==> flow/design.v <==
module mul_rtl #(
  parameter integer XLEN = 40,
  parameter integer W2 = 8
) (
  input  logic core_clk,
  input  logic rst,
  input  logic [XLEN-1:0] in_first,
  input  logic [W2-1:0] in_second,
  output logic [XLEN+W2-1:0] out_res
);
  always_ff @(posedge core_clk or posedge rst) begin
    if (rst) begin
      out_res <= 0;
    end else begin
      out_res <= in_first * in_second;
    end
  end
endmodule
From RTL to reports: mul_rtl
What the tools print for mul_rtl, step after step. Line numbers count from 1 in the design file above. Operators carry their Yosys type and port widths (W data, S select, Z words). Library cell names are shortened. The mark - stands for no value.

Design top: mul_rtl. Clock port: core_clk. Library: sky130hd. Timing corner: tt_025C_1v80.

After elaboration
Source: Yosys, flattened and elaborated, memories not mapped. Widths are those after wreduce; folded enables and synchronous resets count as part of the registers. Registers that Yosys merges into a memory's read port (data or address) are not register bits. Print and check cells do not count. Equal cells are merged and count once.

Bits in registers: 48. Under input bits stands 50. Output and inout bits: 48. For cells after elaboration the number is 2.

The entry for multiply operators reads 1.

Operators with widths (count): $mul A40 B8 Y48 (1).

Longest topological paths
Depth = most cells in a row (Yosys ltp): at word level without a register or memory, in the mapped netlist without a sequential cell, where the memories' decode and read muxes count.

Depth after elaboration: 1. Under ABC_AREA stands 0. The figure for gate-level depth with buffers is 20. The entry for depth with buffers taken out reads 18.

After synthesis
Source: synth_stat.txt of the flow (Yosys; design flattened, memories mapped). It holds for the ABC_AREA given above (unset counts as 0); a run with the other value may have another netlist. Totals and module areas in this step are rounded.

Cells by type: fa_1 (count 228, total area 4.56E+03 um^2); and2_1 (count 248, total area 1.55E+03 um^2); dfrtp_1 (count 48, total area 1.2E+03 um^2); ha_1 (count 68, total area 850.816 um^2); inv_1 (count 183, total area 686.909 um^2); nand2_1 (count 109, total area 409.142 um^2); a21oi_1 (count 51, total area 255.245 um^2); xnor2_1 (count 27, total area 236.477 um^2); a21o_1 (count 31, total area 232.723 um^2); clkbuf_1 (count 39, total area 146.39 um^2); xor2_1 (count 10, total area 87.584 um^2); o21bai_1 (count 10, total area 75.072 um^2); nor2_1 (count 19, total area 71.318 um^2); o21ai_0 (count 14, total area 70.067 um^2); a2111oi_4 (count 2, total area 55.053 um^2); nor3_1 (count 11, total area 55.053 um^2); and3_1 (count 8, total area 50.048 um^2); nand4_1 (count 8, total area 50.048 um^2).

Other cell types: 39; their cells: 81.

For cells in the netlist the number is 1195. The figure for chip area (Yosys) is 11300 um^2. Under flip-flops stands 48.

Worst setup path after synthesis
OpenSTA on the mapped netlist: ideal clock, no wires. The path of least setup slack (recovery checks aside). Input and output delay are each 20% of the period. Register names are those of the netlist, which keeps one name where synthesis merged equal registers.

Path type: input to register. From: in in_second[2]. To: reg out_res[32]. Under clock period stands 6.79 ns. For input delay the number is 1.358 ns. The figure for data arrival time is 5.572 ns. Under data required time stands 6.660 ns. The entry for setup slack reads 1.088 ns. Under path delay stands 4.344 ns. The entry for driving pins on the path reads 17. The entry for path buffers reads 1. Under period reached after synthesis stands 5.702 ns.

"path delay" is the arrival time less input delay plus setup time. "driving pins on the path": output pins that drive a net of the path, with the launching flip-flop's if there is one; two outputs of one cell count as two. "period reached after synthesis" = period - worst setup slack (recovery checks aside). The figure is calculated, with input and output delays left at 20% of the set period. The rows between start and end are the longest chain of elaborated cells between them; the timing report does not say that the signal goes this way. Where chains are equally long, one stands for them. Each line given opens the expression or statement behind the cell; cells for indexed reads and writes are added by Yosys, which also makes memories of some case tables.

Path through: clkbuf_1 nand2_1 fa_1 fa_1 inv_1 fa_1 inv_1 fa_1 inv_1 ha_1 nand4b_1 a211o_2 a2111oi_4 nor3_1 o21ai_2 a41oi_1 xnor2_1. The entry for length of the longest elaborated chain reads 1. The figure for elaborated cells on any way between the ends is 1. The figure for RTL lines with such cells is 1.

RTL lines, path post-synthesis: from (decl) (RTL line 8) `input  logic [W2-1:0] in_second,`; $mul A40 B8 Y48 (RTL line 15) `out_res <= in_first * in_second;`; to (assign) (RTL line 13) `out_res <= 0;`; to (assign) (RTL line 15); to (decl) (RTL line 9) `output logic [XLEN+W2-1:0] out_res`.

Timing after layout
Path of least setup slack in the final report of entry A (OpenROAD, finished layout, wires in). Where an end is a register, its clock arrival counts in the times.

Path type: input to register. From: in in_second[5]. To: reg out_res[42]. Under clock period stands 6.79 ns. For input delay the number is 1.36 ns. The figure for data arrival time is 6.62 ns. Under data required time stands 6.99 ns. The entry for setup slack reads 0.36 ns. The entry for driving pins on the path reads 16. The entry for path buffers reads 2.

The rows between start and end are the longest chain of elaborated cells between them; the timing report does not say that the signal goes this way. Where chains are equally long, one stands for them.

Path through: clkdlybuf4s50_1 buf_4 and2_1 fa_1 fa_1 fa_1 fa_1 ha_1 and2_1 nor2b_1 nand3_1 a2111oi_4 o31ai_1 a21oi_1 nor4_1 a311oi_1. The entry for length of the longest elaborated chain reads 1. The figure for elaborated cells on any way between the ends is 1. The figure for RTL lines with such cells is 1.

RTL lines, path post-layout: from (decl) (RTL line 8) `input  logic [W2-1:0] in_second,`; $mul A40 B8 Y48 (RTL line 15) `out_res <= in_first * in_second;`; to (assign) (RTL line 13) `out_res <= 0;`; to (assign) (RTL line 15); to (decl) (RTL line 9) `output logic [XLEN+W2-1:0] out_res`.

Wiki page: mul_rtl / flow data

Module mul_rtl, platform sky130hd: 3 stored runs of the flow (Yosys, OpenROAD) with differing settings, in no particular order. Input and output delays are each 20% of the period that was set; the output load is 0.01 pF. "clock period reached" = clock period - worst setup slack. The figure is calculated, with input and output delays left at 20% of the set period. "worst setup path time" is the time allowed to the run's worst setup path (the clock period less input and output delay, where it has them) less its slack. Clock arrival times count: a late capture clock shortens it, a late launch clock lengthens it. The measured numbers are rounded.

Files of entry A:
==> flow/run.sh <==
#!/bin/bash
# the make line also repeats the synthesis and layout settings of config.mk as NAME=value (left out here)
make -C /OpenROAD-flow-scripts/flow DESIGN_CONFIG=/design/flow/config.mk WORK_HOME=/design/flow/orfs CLKGATE_MAP_FILE= finish
==> flow/config.mk <==
export PLATFORM = sky130hd
export DESIGN_NAME = mul_rtl
export DESIGN_NICKNAME = mul_rtl
export VERILOG_FILES = /design/flow/design.v
export SDC_FILE = /design/flow/constraint.sdc
export NUM_CORES = 4
export LEC_CHECK = 0
export CAP_MARGIN = 20
export CORE_MARGIN = 2
export CORE_UTILIZATION = 40
export SLEW_MARGIN = 20
==> flow/constraint.sdc <==
create_clock -name core_clock -period 6.79 [get_ports {core_clk}]
set_input_delay 1.3580 -clock core_clock [delete_from_list [all_inputs] [get_ports {core_clk}]]
set_output_delay 1.3580 -clock core_clock [all_outputs]
set_load 0.01 [all_outputs]

Results of entry A. The lowest setup slack comes to 0.365 ns. The measured clock period reached is 6.425 ns. The die outline area comes to 29500 um^2. The measured total negative slack is 0.000 ns. The post-synthesis cell area comes to 11300 um^2. The std-cell area (final layout) comes to 13000 um^2. The worst setup path time is 5.07 ns. Class of the worst setup path: input to register.

Files of entry B:
==> flow/run.sh <==
#!/bin/bash
# the make line also repeats the synthesis and layout settings of config.mk as NAME=value (left out here)
make -C /OpenROAD-flow-scripts/flow DESIGN_CONFIG=/design/flow/config.mk WORK_HOME=/design/flow/orfs CLKGATE_MAP_FILE= finish
==> flow/config.mk <==
export PLATFORM = sky130hd
export DESIGN_NAME = mul_rtl
export DESIGN_NICKNAME = mul_rtl
export VERILOG_FILES = /design/flow/design.v
export SDC_FILE = /design/flow/constraint.sdc
export NUM_CORES = 4
export LEC_CHECK = 0
export CAP_MARGIN = 20
export CELL_PAD_IN_SITES_GLOBAL_PLACEMENT = 3
export CORE_ASPECT_RATIO = 0.68
export CORE_MARGIN = 2
export CORE_UTILIZATION = 30
export CTS_CLUSTER_SIZE = 89
export GPL_ROUTABILITY_DRIVEN = 0
export GPL_TIMING_DRIVEN = 0
export PLACE_DENSITY = 0.59
export SETUP_SLACK_MARGIN = -0.85
export SLEW_MARGIN = 20
export TNS_END_PERCENT = 100
==> flow/constraint.sdc <==
create_clock -name core_clock -period 10.1 [get_ports {core_clk}]
set_input_delay 2.0200 -clock core_clock [delete_from_list [all_inputs] [get_ports {core_clk}]]
set_output_delay 2.0200 -clock core_clock [all_outputs]
set_load 0.01 [all_outputs]

Results of entry B. The lowest setup slack comes to 2.41 ns. The measured clock period reached is 7.692 ns. The die outline area comes to 39100 um^2. The measured total negative slack is 0.000 ns. The post-synthesis cell area comes to 11300 um^2. The std-cell area (final layout) comes to 12900 um^2. The worst setup path time is 5.67 ns. Class of the worst setup path: input to register.

Files of entry C:
==> flow/run.sh <==
#!/bin/bash
# the make line also repeats the synthesis and layout settings of config.mk as NAME=value (left out here)
make -C /OpenROAD-flow-scripts/flow DESIGN_CONFIG=/design/flow/config.mk WORK_HOME=/design/flow/orfs CLKGATE_MAP_FILE= finish
==> flow/config.mk <==
export PLATFORM = sky130hd
export DESIGN_NAME = mul_rtl
export DESIGN_NICKNAME = mul_rtl
export VERILOG_FILES = /design/flow/design.v
export SDC_FILE = /design/flow/constraint.sdc
export NUM_CORES = 4
export LEC_CHECK = 0
export ABC_AREA = 0
export CAP_MARGIN = 20
export CELL_PAD_IN_SITES_DETAIL_PLACEMENT = 1
export CELL_PAD_IN_SITES_GLOBAL_PLACEMENT = 0
export CORE_MARGIN = 3
export CORE_UTILIZATION = 64
export GPL_TIMING_DRIVEN = 0
export MAX_ROUTING_LAYER = met4
export MIN_ROUTING_LAYER = met1
export PLACE_DENSITY = 0.39
export SLEW_MARGIN = 20
export TNS_END_PERCENT = 15
==> flow/constraint.sdc <==
create_clock -name core_clock -period 6.71 [get_ports {core_clk}]
set_input_delay 1.3420 -clock core_clock [delete_from_list [all_inputs] [get_ports {core_clk}]]
set_output_delay 1.3420 -clock core_clock [all_outputs]
set_load 0.01 [all_outputs]

Outcome of entry C: stopped before the end: placement reported DPL-0033.
